==> flow/design.v <==
module u_arith_blk #(
    parameter BITS = 6
) (
    input wire aclk,
    input wire signed [BITS-1:0] src1,
    input wire signed [BITS-1:0] src2,
    input wire sub,
    output reg [BITS-1:0] q,
    output reg co
);
    reg signed [BITS-1:0] src1_r;
    reg signed [BITS-1:0] src2_r;
    reg sub_r;
    always @(posedge aclk) begin
        src1_r <= src1;
        src2_r <= src2;
        sub_r <= sub;
    end
    wire [BITS-1:0] t2 = src2_r ^ {BITS{sub_r}};
    wire [BITS-1:0] nxt = $unsigned(src1_r) + t2 + sub_r;
    always @(posedge aclk) begin
        q <= nxt[BITS-1:0];
        co <= (src1_r[BITS-1] == t2[BITS-1]) && (nxt[BITS-1] != src1_r[BITS-1]);
    end
endmodule
Reports on u_arith_blk. A sweep over "BITS": the same steps for each member of the family. The file above is the member BITS 6. Line numbers count from 1 in each member's own file. Library cell names are shortened. Not given: -

Design top: u_arith_blk. Clock: aclk. Library: sky130hd. Library corner: tt_025C_1v80.

Source of the members. Lines of each other member's file that are new or changed against the file above; lines that a member lacks are not shown.

New or changed lines: BITS 32 (RTL line 2) `parameter BITS = 32`; BITS 40 (RTL line 2) `parameter BITS = 40`; BITS 128 (RTL line 2) `parameter BITS = 128`.

Elaborated design. Counts by Yosys on the flattened word-level netlist (proc, flatten, opt, wreduce; memories kept). Register bits leave out memories and registers merged into their read ports (data or address); mux counts leave out enables and synchronous resets folded into registers. Print and check cells are left out. Cells with the same type and inputs are merged into one.

Word-level totals: BITS 6 (register bits after elaboration 20, bits in latches 0, bits in writable memories 0, memory bits (read-only) 0, word width x clocked read ports 0, memories 0, output and inout port bits 7); BITS 32 (register bits after elaboration 98, bits in latches 0, bits in writable memories 0, memory bits (read-only) 0, word width x clocked read ports 0, memories 0, output and inout port bits 33); BITS 40 (register bits after elaboration 122, bits in latches 0, bits in writable memories 0, memory bits (read-only) 0, word width x clocked read ports 0, memories 0, output and inout port bits 41); BITS 128 (register bits after elaboration 386, bits in latches 0, bits in writable memories 0, memory bits (read-only) 0, word width x clocked read ports 0, memories 0, output and inout port bits 129).

Operators by class: BITS 6 (add/subtract/negate cells 2, multiply operators 0, div/mod/pow operators 0, magnitude comparators 0, eq/ne operators 2, shift operators 0, multiplexer cells 0, bitwise gates (word level) 1, reductions and logical operators 1); BITS 32 (add/subtract/negate cells 2, multiply operators 0, div/mod/pow operators 0, magnitude comparators 0, eq/ne operators 2, shift operators 0, multiplexer cells 0, bitwise gates (word level) 1, reductions and logical operators 1); BITS 40 (add/subtract/negate cells 2, multiply operators 0, div/mod/pow operators 0, magnitude comparators 0, eq/ne operators 2, shift operators 0, multiplexer cells 0, bitwise gates (word level) 1, reductions and logical operators 1); BITS 128 (add/subtract/negate cells 2, multiply operators 0, div/mod/pow operators 0, magnitude comparators 0, eq/ne operators 2, shift operators 0, multiplexer cells 0, bitwise gates (word level) 1, reductions and logical operators 1).

Operators by type and width (kind and count): BITS 6 (1 x 6-bit by 1-bit adder with 6-bit output; 1 x 6-bit adder; 1 x 6-bit XOR; 1 x 1-bit equality test; 1 x 1-bit inequality test; 1 x 1-bit logical AND); BITS 32 (1 x 32-bit by 1-bit adder with 32-bit output; 1 x 32-bit adder; 1 x 32-bit XOR; 1 x 1-bit equality test; 1 x 1-bit inequality test; 1 x 1-bit logical AND); BITS 40 (1 x 40-bit by 1-bit adder with 40-bit output; 1 x 40-bit adder; 1 x 40-bit XOR; 1 x 1-bit equality test; 1 x 1-bit inequality test; 1 x 1-bit logical AND); BITS 128 (1 x 128-bit by 1-bit adder with 128-bit output; 1 x 128-bit adder; 1 x 128-bit XOR; 1 x 1-bit equality test; 1 x 1-bit inequality test; 1 x 1-bit logical AND).

Longest topological paths. Depth = most cells in a row (Yosys ltp): at word level without a register or memory, in the mapped netlist without a sequential cell, where the memories' decode and read muxes count.

Depth: BITS 6 (word-level depth 5, ABC_AREA 0, mapped depth 8, gate-level depth less buffers 7); BITS 32 (word-level depth 5, ABC_AREA 0, mapped depth 12, gate-level depth less buffers 10); BITS 40 (word-level depth 5, ABC_AREA 0, mapped depth 14, gate-level depth less buffers 11); BITS 128 (word-level depth 5, ABC_AREA 0, mapped depth 17, gate-level depth less buffers 14).

After synthesis. Source: synth_stat.txt of the flow (Yosys; design flattened, memories mapped). It holds for the ABC_AREA given above (unset counts as 0); a run with the other value may have another netlist. The area totals of this step are shown rounded.

Cells by type (type and count): BITS 6 (20 x dfxtp_1; 6 x xor2_1; 4 x ha_1; 4 x xnor2_1; 1 x o31ai_4; 1 x fa_1; 5 x inv_1; 2 x a21oi_2; 2 x a21o_1; 1 x mux2i_2; 1 x buf_6; 1 x o21bai_2; 1 x a41o_1; 1 x mux2i_1; 2 x nand2_1; 1 x or2_2; 1 x a21oi_1; 1 x nand3_1); BITS 32 (98 x dfxtp_1; 30 x ha_1; 38 x xor2_1; 21 x xnor2_1; 34 x a21oi_1; 12 x a21o_1; 12 x o21a_1; 17 x o21ai_0; 18 x nand2_1; 16 x nor2_1; 11 x buf_2; 10 x nand3_1; 7 x a31oi_1; 10 x inv_1; 6 x nand4_1; 4 x a211oi_1; 1 x a2111oi_4; 3 x o211ai_1; (+49)); BITS 40 (122 x dfxtp_1; 38 x ha_1; 47 x xor2_1; 23 x xnor2_1; 31 x a21oi_1; 20 x a21o_1; 27 x nand2_1; 18 x o21ai_0; 22 x nor2_1; 11 x nand3_1; 14 x inv_1; 8 x nor3_1; 6 x nand2b_1; 4 x and4_1; 4 x o311ai_0; 5 x a31oi_1; 5 x nor2b_1; 4 x o21a_1; (+71)); BITS 128 (386 x dfxtp_1; 126 x ha_1; 166 x xor2_1; 212 x a21oi_1; 79 x xnor2_1; 161 x nand2_1; 110 x o21ai_0; 101 x nor2_1; 58 x nand4_1; 45 x o21bai_1; 33 x a21o_1; 57 x inv_1; 55 x clkbuf_1; 39 x nor3_1; 17 x o31ai_1; 20 x a31oi_1; 22 x nand3_1; 16 x nand2b_1; (+194)).

A list marked (+n) leaves out that many cells.

Synthesis totals: BITS 6 (standard cells after synthesis 55, synthesis area 711 sq um, sequential part of the area 400 sq um, flip-flop cells 20); BITS 32 (standard cells after synthesis 397, synthesis area 4120 sq um, sequential part of the area 1960 sq um, flip-flop cells 98); BITS 40 (standard cells after synthesis 480, synthesis area 5020 sq um, sequential part of the area 2440 sq um, flip-flop cells 122); BITS 128 (standard cells after synthesis 1897, synthesis area 17600 sq um, sequential part of the area 7730 sq um, flip-flop cells 386).

Timing after synthesis. OpenSTA on the mapped netlist: ideal clock, no wires. The path of least setup slack (recovery checks aside). Input and output delay are each 20% of the period. Register names are those of the netlist, which keeps one name where synthesis merged equal registers.

Timing after synthesis: BITS 6 (path type flip-flop to flip-flop, from register sub_r, to register q[5], period 2.05 ns, setup slack 0.409 ns, driving pins on the path 8, delay of the path 1.641 ns, synthesis period reached 1.641 ns); BITS 32 (path type flip-flop to flip-flop, from register sub_r, to register q[28], period 3.69 ns, setup slack 0.737 ns, driving pins on the path 12, delay of the path 2.953 ns, synthesis period reached 2.953 ns); BITS 40 (path type flip-flop to flip-flop, from register sub_r, to register q[33], period 4.41 ns, setup slack 0.878 ns, driving pins on the path 14, delay of the path 3.531 ns, synthesis period reached 3.532 ns); BITS 128 (path type flip-flop to flip-flop, from register sub_r, to register q[126], period 5.55 ns, setup slack 1.112 ns, driving pins on the path 18, delay of the path 4.438 ns, synthesis period reached 4.438 ns).

"delay of the path" is the arrival time less input delay plus setup time. "driving pins on the path" counts driving pins, that of a launching flip-flop among them; a cell with two outputs on the path counts twice. "synthesis period reached" is the clock period less the worst setup slack; recovery checks do not enter. This is arithmetic on one report: input and output delays are still those of the set period (20% each). Between the ends stands the longest chain of elaborated cells between them, by number of cells; it is not shown to be the way that was timed. Of several equally long chains one is given. A line is the first line of the expression or statement that the cell stems from. Yosys adds cells for indexed reads and writes and turns some case tables into memories.

Between the ends, after synthesis, BITS 6:
For cells in the longest elaborated chain the number is 3.

Ends and longest elaborated chain, after synthesis, BITS 6: from (decl) (RTL line 13) `reg sub_r;`; from (assign) (RTL line 17) `sub_r <= sub;`; 6-bit XOR (RTL line 19) `wire [BITS-1:0] t2 = src2_r ^ {BITS{sub_r}};`; 6-bit adder (RTL line 20) `wire [BITS-1:0] nxt = $unsigned(src1_r) + t2 + sub_r;`; 6-bit by 1-bit adder with 6-bit output (RTL line 20); to (assign) (RTL line 22) `q <= nxt[BITS-1:0];`; to (decl) (RTL line 8) `output reg [BITS-1:0] q,`.

Between the ends, after synthesis, BITS 128:
For cells in the longest elaborated chain the number is 3.

Ends and longest elaborated chain, after synthesis, BITS 128: from (decl) (RTL line 13) `reg sub_r;`; from (assign) (RTL line 17) `sub_r <= sub;`; 128-bit XOR (RTL line 19) `wire [BITS-1:0] t2 = src2_r ^ {BITS{sub_r}};`; 128-bit adder (RTL line 20) `wire [BITS-1:0] nxt = $unsigned(src1_r) + t2 + sub_r;`; 128-bit by 1-bit adder with 128-bit output (RTL line 20); to (assign) (RTL line 22) `q <= nxt[BITS-1:0];`; to (decl) (RTL line 8) `output reg [BITS-1:0] q,`.

Worst path after layout. From the final timing report of the run of each member: the path of least setup slack in the routed layout; clock arrival at registers is part of the times.

Timing post-layout: BITS 6 (path type flip-flop to flip-flop, from register sub_r, to register co, period 2.05 ns, setup slack 0.27 ns, driving pins on the path 7, arrival 1.96 ns, buffers on the path 0); BITS 32 (path type flip-flop to flip-flop, from register sub_r, to register q[30], period 3.69 ns, setup slack 0.57 ns, driving pins on the path 12, arrival 3.36 ns, buffers on the path 1); BITS 40 (path type flip-flop to flip-flop, from register sub_r, to register q[38], period 4.41 ns, setup slack 0.94 ns, driving pins on the path 12, arrival 3.77 ns, buffers on the path 0); BITS 128 (path type flip-flop to flip-flop, from register sub_r, to register q[119], period 5.55 ns, setup slack 0.32 ns, driving pins on the path 15, arrival 5.71 ns, buffers on the path 1).

Flow runs. Settings and results of one run of the flow (Yosys, OpenROAD) for each member follow. The constraints put input and output delay at 20% of the set period each and load the outputs with 0.01 pF.

CAP_MARGIN: 20. The entry for CORE_MARGIN reads 2. For CORE_UTILIZATION the number is 40. SLEW_MARGIN: 20.

Settings that differ (period_ns): BITS 6 (2.05); BITS 32 (3.69); BITS 40 (4.41); BITS 128 (5.55).

Measured results: BITS 6 (netlist area reported by Yosys 711 sq um, area of the die 2130 sq um, area of the standard cells in the finished layout 957 sq um, setup slack of the critical path 0.270 ns, setup TNS 0.000 ns, total power of the final layout 887 uW, achieved clock period 1.780 ns); BITS 32 (netlist area reported by Yosys 4120 sq um, area of the die 11100 sq um, area of the standard cells in the finished layout 5380 sq um, setup slack of the critical path 0.567 ns, setup TNS 0.000 ns, total power of the final layout 2780 uW, achieved clock period 3.123 ns); BITS 40 (netlist area reported by Yosys 5020 sq um, area of the die 13500 sq um, area of the standard cells in the finished layout 7020 sq um, setup slack of the critical path 0.936 ns, setup TNS 0.000 ns, total power of the final layout 3570 uW, achieved clock period 3.474 ns); BITS 128 (netlist area reported by Yosys 17600 sq um, area of the die 45600 sq um, area of the standard cells in the finished layout 23400 sq um, setup slack of the critical path 0.320 ns, setup TNS 0.000 ns, total power of the final layout 9120 uW, achieved clock period 5.230 ns).

By "achieved clock period" is meant the clock period of the run minus its worst setup slack. This is arithmetic on one report: input and output delays are still those of the set period (20% each). "total power of the final layout": no workload was simulated; the value follows from the tool's default switching activity. The results are shown rounded.
